==> flow/design.v <==
module core_switch #(
    parameter int WD = 2
) (
    input  logic ck,
    input  logic valid,
    input  logic [WD-1:0] in_ch0,
    input  logic [WD-1:0] in_ch1,
    input  logic [WD-1:0] in_ch2,
    input  logic [WD-1:0] in_ch3,
    input  logic [WD-1:0] in_ch4,
    input  logic [2:0] in_select,
    output logic [WD-1:0] out_dout
);
    logic [WD-1:0] ch0_s;
    logic [WD-1:0] ch1_s;
    logic [WD-1:0] ch2_s;
    logic [WD-1:0] ch3_s;
    logic [WD-1:0] ch4_s;
    logic [2:0] select_s;
    always_ff @(posedge ck) begin
        if (valid) begin
            ch0_s <= in_ch0;
            ch1_s <= in_ch1;
            ch2_s <= in_ch2;
            ch3_s <= in_ch3;
            ch4_s <= in_ch4;
            select_s <= in_select;
        end
    end
    logic [WD-1:0] r;
    always_comb begin
        case (select_s)
            3'd0: r = ch0_s;
            3'd1: r = ch1_s;
            3'd2: r = ch2_s;
            3'd3: r = ch3_s;
            default: r = ch4_s;
        endcase
    end
    always_ff @(posedge ck) begin
        if (valid) begin
            out_dout <= r;
        end
    end
endmodule
# From RTL to reports: core_switch
# Tool output for the design above, in the order of the flow.
# Line numbers count from 1 in the design file above.
# Cell names lack the library's common part.
# The mark -- stands for no value.
# setup
top	core_switch
clk_port	ck
cell_library	sky130hd
lib_corner	tt_025C_1v80

# Word level
# Counts by Yosys on the flattened word-level netlist (proc, flatten, opt, wreduce; memories kept). Register bits leave out memories and registers merged into their read ports (data or address); mux counts leave out enables and synchronous resets folded into registers. Print and check cells are left out. Cells with the same type and inputs are merged into one.
# word_totals
reg_bits	15
out_inout_bits	2
wordCells	12
# classes
eq_ne	3
n_mux	1
reduce_and_logical	1
# op_table
operator	count
case mux 2 bit (select 4 bit)	1
== test 3 x 2 -> 1 bit with constant B	2
== test 3 x 1 -> 1 bit with constant B	1
zero test 3 bit	1

# Logic depth
# Depth = most cells in a row (Yosys ltp): at word level without a register or memory, in the mapped netlist without a sequential cell, where the memories' decode and read muxes count.
# logic_depth
word_depth	2
ABC_AREA	0
depth_mapped	3

# Mapped cells and area
# The flow's flattened synthesis, as Yosys stat reports it; memories are mapped. The netlist is that of the ABC_AREA named above (0 if unset); the other value can give another one.
# mapped
cells	26
synth_area_um2	531.8
seqArea_um2	450.4
flip_flops	15
n_buf	0
# by_type
cell	count	area_total_um2
edfxtp_1	15	450.432
mux2i_1	2	20.019
nor2b_1	3	18.768
a2111oi_0	2	17.517
a221oi_1	2	17.517
inv_1	2	7.507

# Path before layout
# OpenSTA on the mapped netlist: ideal clock, no wires. The path of least setup slack (recovery checks aside). Input and output delay are each 20% of the period. Register names are those of the netlist, which keeps one name where synthesis merged equal registers.
# synth_path
kind	register -> register
from	register select_s[1]
to	register out_dout[0]
period_ps	1460
setup_ps	278
t_first_pin_ps	0
arrival_ps	887
required_time_ps	1182
path_slack_ps	295
path_delay_ps	1165
driving_pins	4
synth_period_reached_ps	1165
# "path_delay_ps" is the arrival time less input delay plus setup time.
# "driving_pins" counts driving pins, that of a launching flip-flop among them; a cell with two outputs on the path counts twice.
# "synth_period_reached_ps" = period - worst setup slack (recovery checks aside). The figure is calculated, with input and output delays left at 20% of the set period.
# Between the ends stands the longest chain of elaborated cells between them, by number of cells; it is not shown to be the way that was timed. Of several equally long chains one is given.
# Each line given opens the expression or statement behind the cell; cells for indexed reads and writes are added by Yosys, which also makes memories of some case tables.
# synth_between
cell_sequence	edfxtp_1 -> nor2b_1 -> a2111oi_0 -> a221oi_1
elab_chain_len	2
cone_cells	5
cone_lines	1
# synth_lines
item	line	rtl
start: declaration	19	logic [2:0] select_s;
start: assignment	27	select_s <= in_select;
== test 3 x 2 -> 1 bit	32	case (select_s)
case mux 2 bit (select 4 bit)	32
end: assignment	42	out_dout <= r;
end: declaration	12	output logic [WD-1:0] out_dout

# Worst path after layout
# From the final timing report of run 1: the path of least setup slack in the routed layout; clock arrival at registers is part of the times.
# The path's times are printed in steps of 10 ps; the period is the one set.
# layout_path
kind	register -> register
from	register select_s[1]
to	register out_dout[0]
period_ps	987
setup_ps	240
t_first_pin_ps	280
arrival_ps	1260
required_time_ps	1020
path_slack_ps	-240
driving_pins	4
# Between the ends stands the longest chain of elaborated cells between them, by number of cells; it is not shown to be the way that was timed. Of several equally long chains one is given.
# layout_between
cell_sequence	edfxtp_1 -> buf_6 -> a2111oi_4 -> a221oi_1
elab_chain_len	2
cone_cells	5
cone_lines	1
# layout_lines
item	line	rtl
start: declaration	19	logic [2:0] select_s;
start: assignment	27	select_s <= in_select;
== test 3 x 2 -> 1 bit	32	case (select_s)
case mux 2 bit (select 4 bit)	32
end: assignment	42	out_dout <= r;
end: declaration	12	output logic [WD-1:0] out_dout

# Flow measurements of core_switch on sky130hd: 3 stored runs with different settings, listed in no order. Input and output delays are each 20% of the period that was set; the output load is 0.01 pF.
# "power.total_uw" rests on the timing tool's default activity at the inputs, not on a simulated workload.
# Settings: n/a = not set for that run.
# A result given as n/a is not shown for that run.
setting or result,run 1,run 2,run 3
period_ns,0.987,1.5,1.46
CORE_UTILIZATION,50,58,40
PLACE_DENSITY,0.82,n/a,n/a
CTS_CLUSTER_SIZE,91,n/a,n/a
CTS_CLUSTER_DIAMETER,57,n/a,n/a
CAP_MARGIN,0,20,20
CORE_MARGIN,2,2,2
SLEW_MARGIN,20,20,20
SETUP_SLACK_MARGIN,n/a,-0.1,n/a
PLACE_DENSITY_LB_ADDON,n/a,0.05,n/a
HOLD_SLACK_MARGIN,n/a,-0.06,n/a
CELL_PAD_IN_SITES_GLOBAL_PLACEMENT,n/a,1,n/a
CELL_PAD_IN_SITES_DETAIL_PLACEMENT,n/a,2,n/a
GPL_TIMING_DRIVEN,n/a,0,n/a
GPL_ROUTABILITY_DRIVEN,n/a,1,n/a
setup_tns_ps,-483,n/a,0
design_die_area_um2,1340.3,n/a,1637.0
final_hold_ws_ps,467,n/a,564
stdcell_area_um2,797.0,n/a,749.5
finish.utilization_pct,82.7,n/a,59.1
power.total_uw,1231,n/a,838.8
synth_area_um2,531.8,n/a,531.8
setup_worst_slack_ps,-243,n/a,47
# Run 2: stopped before the end: floorplanning reported PDN-0185
